==> flow/design.v <==
module ram_block #(
  parameter DEPTH = 40,
  parameter W = 2,
  parameter ABITS = $clog2(DEPTH)
) (
  input  clk_i,
  input  i_rst_n,
  input  [ABITS-1:0] address,
  input  write,
  input  [W-1:0] wr_data,
  output reg [W-1:0] rd
);
  reg [ABITS-1:0] address_s;
  reg write_s;
  reg [W-1:0] wr_data_s;
  always @(posedge clk_i or negedge i_rst_n) begin
    if (!i_rst_n) begin
      address_s <= 0;
      write_s <= 1'b0;
      wr_data_s <= 0;
    end else begin
      address_s <= address;
      write_s <= write;
      wr_data_s <= wr_data;
    end
  end
  reg [W-1:0] bank [0:DEPTH-1];
  always @(posedge clk_i)
    if (write_s) bank[address_s] <= wr_data_s;
  always @(posedge clk_i or negedge i_rst_n) begin
    if (!i_rst_n) begin
      rd <= 0;
    end else begin
      rd <= write_s ? wr_data_s : bank[address_s];
    end
  end
endmodule
---- From RTL to reports: ram_block ----
Tool output for the design above, in the order of the flow.
Line numbers count from 1 in the design file above.
A cell with - has no value.
design
  design top .............................. ram_block
  clock input ............................. clk_i
  library ................................. sky130hd
  corner .................................. tt_025C_1v80

---- Elaborated design ----
Yosys after proc, flatten, opt, wreduce and memory -nomap, before mapping. Enables and synchronous resets that opt folds into registers are not counted as muxes. Memory bits, and registers merged into a memory's read port (data or address), are not among the register bits. Print and check cells are not counted. Equal cells are merged and count once.
Yosys's memory passes give these memory sizes; they may raise the number of words (mostly to a power of two), join words into wider ones and drop unused or constant bits.
bit counts
  input port bits ......................... 11
  cells after elaboration ................. 8
  word width x clocked read ports ......... 2
  memory bits (writable) .................. 80
  register bits after elaboration ......... 9
  memory cells ............................ 1
  output and inout port bits .............. 2
memories
  memory  depth  width  rd ports  wr ports  line  text
  bank    40     2      1         1         27    reg [W-1:0] bank [0:DEPTH-1];
cells by class
  reductions and logical operators ........ 1
  mux-type cells .......................... 3
operators with widths
  kind               number
  two-way mux 6 bit  1
  two-way mux 2 bit  1
  logical NOT 1 bit  1
  two-way mux 1 bit  1

---- Longest topological paths ----
Depth = most cells in a row (Yosys ltp): at word level without a register or memory, in the mapped netlist without a sequential cell, where the memories' decode and read muxes count.
depth
  depth in word-level cells ............... 1
  ABC_AREA ................................ 0
  mapped depth ............................ 7
  depth with buffers taken out ............ 5

---- After synthesis ----
Yosys stat after the flow's synthesis: flattened, memories mapped to cells. It holds for the ABC_AREA given above (unset counts as 0); a run with the other value may have another netlist.
mapped netlist
  buffers ................................. 14
  mapped area ............................. 3,723.6 um2
  mapped flip-flops ....................... 91
  cell count .............................. 256
cells by type
  cell type                  number
  sky130_fd_sc_hd__edfxtp_1  80
  sky130_fd_sc_hd__dfrtp_1   11
  sky130_fd_sc_hd__nor2_1    45
  sky130_fd_sc_hd__mux4_2    5
  sky130_fd_sc_hd__mux2i_1   8
  sky130_fd_sc_hd__mux2_2    7
  sky130_fd_sc_hd__nand2_1   13
  sky130_fd_sc_hd__a211oi_1  6
  sky130_fd_sc_hd__nand3_1   9
  sky130_fd_sc_hd__a31oi_1   7
  sky130_fd_sc_hd__a22oi_1   5
  sky130_fd_sc_hd__nor2b_1   5
  sky130_fd_sc_hd__buf_4     4
  sky130_fd_sc_hd__clkbuf_1  6
  sky130_fd_sc_hd__a21oi_1   4
  sky130_fd_sc_hd__buf_2     4
  sky130_fd_sc_hd__a221oi_1  2
  sky130_fd_sc_hd__a32oi_1   2
Other cell types: 23; their cells: 33.

---- Timing after synthesis ----
Source: OpenSTA report_checks on the synthesized netlist (no wires, ideal clock, input and output delay 20% of the period each), path of least setup slack; recovery checks are left aside. Register names are those of the netlist, which keeps one name where synthesis merged equal registers.
path after synthesis
  path kind ............................... register to register
  start point ............................. reg address_s[1]
  end point ............................... reg rd[1]
  delay of the path ....................... 1.652 ns
  library setup time ...................... 0.142 ns
  period .................................. 2.06 ns
  launch time at the first pin ............ 0.000 ns
  stages .................................. 6
  required time ........................... 1.918 ns
  setup slack ............................. 0.408 ns
  data arrival time ....................... 1.510 ns
  synthesis period reached ................ 1.652 ns
"delay of the path" is the arrival time less input delay plus setup time.
"stages" counts driving pins, that of a launching flip-flop among them; a cell with two outputs on the path counts twice.
"synthesis period reached" = period - worst setup slack (recovery checks aside). The figure is calculated, with input and output delays left at 20% of the set period.
on the way, after synthesis
  cells stage by stage .................... sky130_fd_sc_hd__dfrtp_1 -> sky130_fd_sc_hd__buf_4 -> sky130_fd_sc_hd__mux4_2 -> sky130_fd_sc_hd__mux2_2 -> sky130_fd_sc_hd__a211oi_1 -> sky130_fd_sc_hd__a41oi_1
ends and longest elaborated chain, after synthesis
  element             line  text
  start: declaration  13    reg [ABITS-1:0] address_s;
  start: assignment   18    address_s <= 0;
  start: assignment   22    address_s <= address;
  end: declaration    11    output reg [W-1:0] rd
Chain of elaborated cells between the ends: none given.

---- Timing after layout ----
From the final timing report of stored run 1: the path of least setup slack in the routed layout; clock arrival at registers is part of the times.
path post-layout
  path kind ............................... register to register
  start point ............................. reg address_s[1]
  end point ............................... reg rd[1]
  setup slack ............................. -0.55 ns
  library setup time ...................... 0.13 ns
  period .................................. 1.24 ns
  stages .................................. 8
  launch time at the first pin ............ 0.34 ns
  data arrival time ....................... 2.01 ns
  required time ........................... 1.45 ns
on the way, post-layout
  cells stage by stage .................... sky130_fd_sc_hd__dfrtp_1 -> sky130_fd_sc_hd__buf_12 -> sky130_fd_sc_hd__nor2b_2 -> sky130_fd_sc_hd__buf_4 -> sky130_fd_sc_hd__a2bb2oi_1 -> sky130_fd_sc_hd__a211oi_2 -> sky130_fd_sc_hd__a211oi_2 -> sky130_fd_sc_hd__a41oi_1
ends and longest elaborated chain, post-layout
  element             line  text
  start: declaration  13    reg [ABITS-1:0] address_s;
  start: assignment   18    address_s <= 0;
  start: assignment   22    address_s <= address;
  end: declaration    11    output reg [W-1:0] rd
Chain of elaborated cells between the ends: none given.

Memo
Re: implementation data of ram_block

3 stored runs of ram_block in the flow (synthesis by Yosys, layout by OpenROAD, sky130hd cells), in arbitrary order. Constraints: input delay and output delay 20% of the set period each, output load 0.01 pF.
"achieved period": clock period set for the run, less the worst setup slack. It is reckoned from that one timing run; input and output delays stay at 20% of the period that was set.
"total power after layout": no workload was simulated; the value follows from the tool's default switching activity.

======== stored run 1 ========
==> flow/run.sh <==
#!/bin/bash
# the make line also repeats the synthesis and layout settings of config.mk as NAME=value (left out here)
make -C /OpenROAD-flow-scripts/flow DESIGN_CONFIG=/design/flow/config.mk WORK_HOME=/design/flow/orfs CLKGATE_MAP_FILE= finish
==> flow/config.mk <==
export PLATFORM = sky130hd
export DESIGN_NAME = ram_block
export DESIGN_NICKNAME = ram_block
export VERILOG_FILES = /design/flow/design.v
export SDC_FILE = /design/flow/constraint.sdc
export NUM_CORES = 4
export LEC_CHECK = 0
export CAP_MARGIN = 15
export CELL_PAD_IN_SITES_GLOBAL_PLACEMENT = 2
export CORE_ASPECT_RATIO = 0.72
export CORE_MARGIN = 2
export CORE_UTILIZATION = 15
export CTS_CLUSTER_DIAMETER = 96
export MIN_ROUTING_LAYER = met1
export PLACE_DENSITY_LB_ADDON = 0.02
export SLEW_MARGIN = 20
export TNS_END_PERCENT = 5
==> flow/constraint.sdc <==
create_clock -name core_clock -period 1.24 [get_ports {clk_i}]
set_input_delay 0.2480 -clock core_clock [delete_from_list [all_inputs] [get_ports {clk_i}]]
set_output_delay 0.2480 -clock core_clock [all_outputs]
set_load 0.01 [all_outputs]

-------- measured, stored run 1 --------
  netlist area reported by Yosys .......... 3,723.6 um2
  area inside the die boundary ............ 26,117.0 um2
  std-cell area (final layout) ............ 5,392.7 um2
  worst setup slack after layout .......... -0.553 ns
  setup total negative slack .............. -34.169 ns
  total power after layout ................ 6,994 uW
  achieved period ......................... 1.793 ns

======== stored run 2 ========
==> flow/run.sh <==
#!/bin/bash
# the make line also repeats the synthesis and layout settings of config.mk as NAME=value (left out here)
make -C /OpenROAD-flow-scripts/flow DESIGN_CONFIG=/design/flow/config.mk WORK_HOME=/design/flow/orfs CLKGATE_MAP_FILE= finish
==> flow/config.mk <==
export PLATFORM = sky130hd
export DESIGN_NAME = ram_block
export DESIGN_NICKNAME = ram_block
export VERILOG_FILES = /design/flow/design.v
export SDC_FILE = /design/flow/constraint.sdc
export NUM_CORES = 4
export LEC_CHECK = 0
export CAP_MARGIN = 10
export CELL_PAD_IN_SITES_GLOBAL_PLACEMENT = 3
export CORE_ASPECT_RATIO = 0.82
export CORE_MARGIN = 2
export CORE_UTILIZATION = 62
export CTS_CLUSTER_SIZE = 24
export GPL_TIMING_DRIVEN = 0
export MAX_ROUTING_LAYER = met5
export PLACE_DENSITY_LB_ADDON = 0.27
export SETUP_SLACK_MARGIN = -0.1
export SLEW_MARGIN = 20
export TNS_END_PERCENT = 10
==> flow/constraint.sdc <==
create_clock -name core_clock -period 1.54 [get_ports {clk_i}]
set_input_delay 0.3080 -clock core_clock [delete_from_list [all_inputs] [get_ports {clk_i}]]
set_output_delay 0.3080 -clock core_clock [all_outputs]
set_load 0.01 [all_outputs]

-------- stored run 2 --------
  stopped before the end: placement reported FLW-0024

======== stored run 3 ========
==> flow/run.sh <==
#!/bin/bash
# the make line also repeats the synthesis and layout settings of config.mk as NAME=value (left out here)
make -C /OpenROAD-flow-scripts/flow DESIGN_CONFIG=/design/flow/config.mk WORK_HOME=/design/flow/orfs CLKGATE_MAP_FILE= finish
==> flow/config.mk <==
export PLATFORM = sky130hd
export DESIGN_NAME = ram_block
export DESIGN_NICKNAME = ram_block
export VERILOG_FILES = /design/flow/design.v
export SDC_FILE = /design/flow/constraint.sdc
export NUM_CORES = 4
export LEC_CHECK = 0
export CAP_MARGIN = 20
export CORE_MARGIN = 2
export CORE_UTILIZATION = 40
export SLEW_MARGIN = 20
==> flow/constraint.sdc <==
create_clock -name core_clock -period 2.06 [get_ports {clk_i}]
set_input_delay 0.4120 -clock core_clock [delete_from_list [all_inputs] [get_ports {clk_i}]]
set_output_delay 0.4120 -clock core_clock [all_outputs]
set_load 0.01 [all_outputs]

-------- measured, stored run 3 --------
  netlist area reported by Yosys .......... 3,723.6 um2
  area inside the die boundary ............ 10,096.2 um2
  std-cell area (final layout) ............ 4,256.6 um2
  worst setup slack after layout .......... 0.125 ns
  setup total negative slack .............. 0.000 ns
  total power after layout ................ 3,673 uW
  achieved period ......................... 1.935 ns
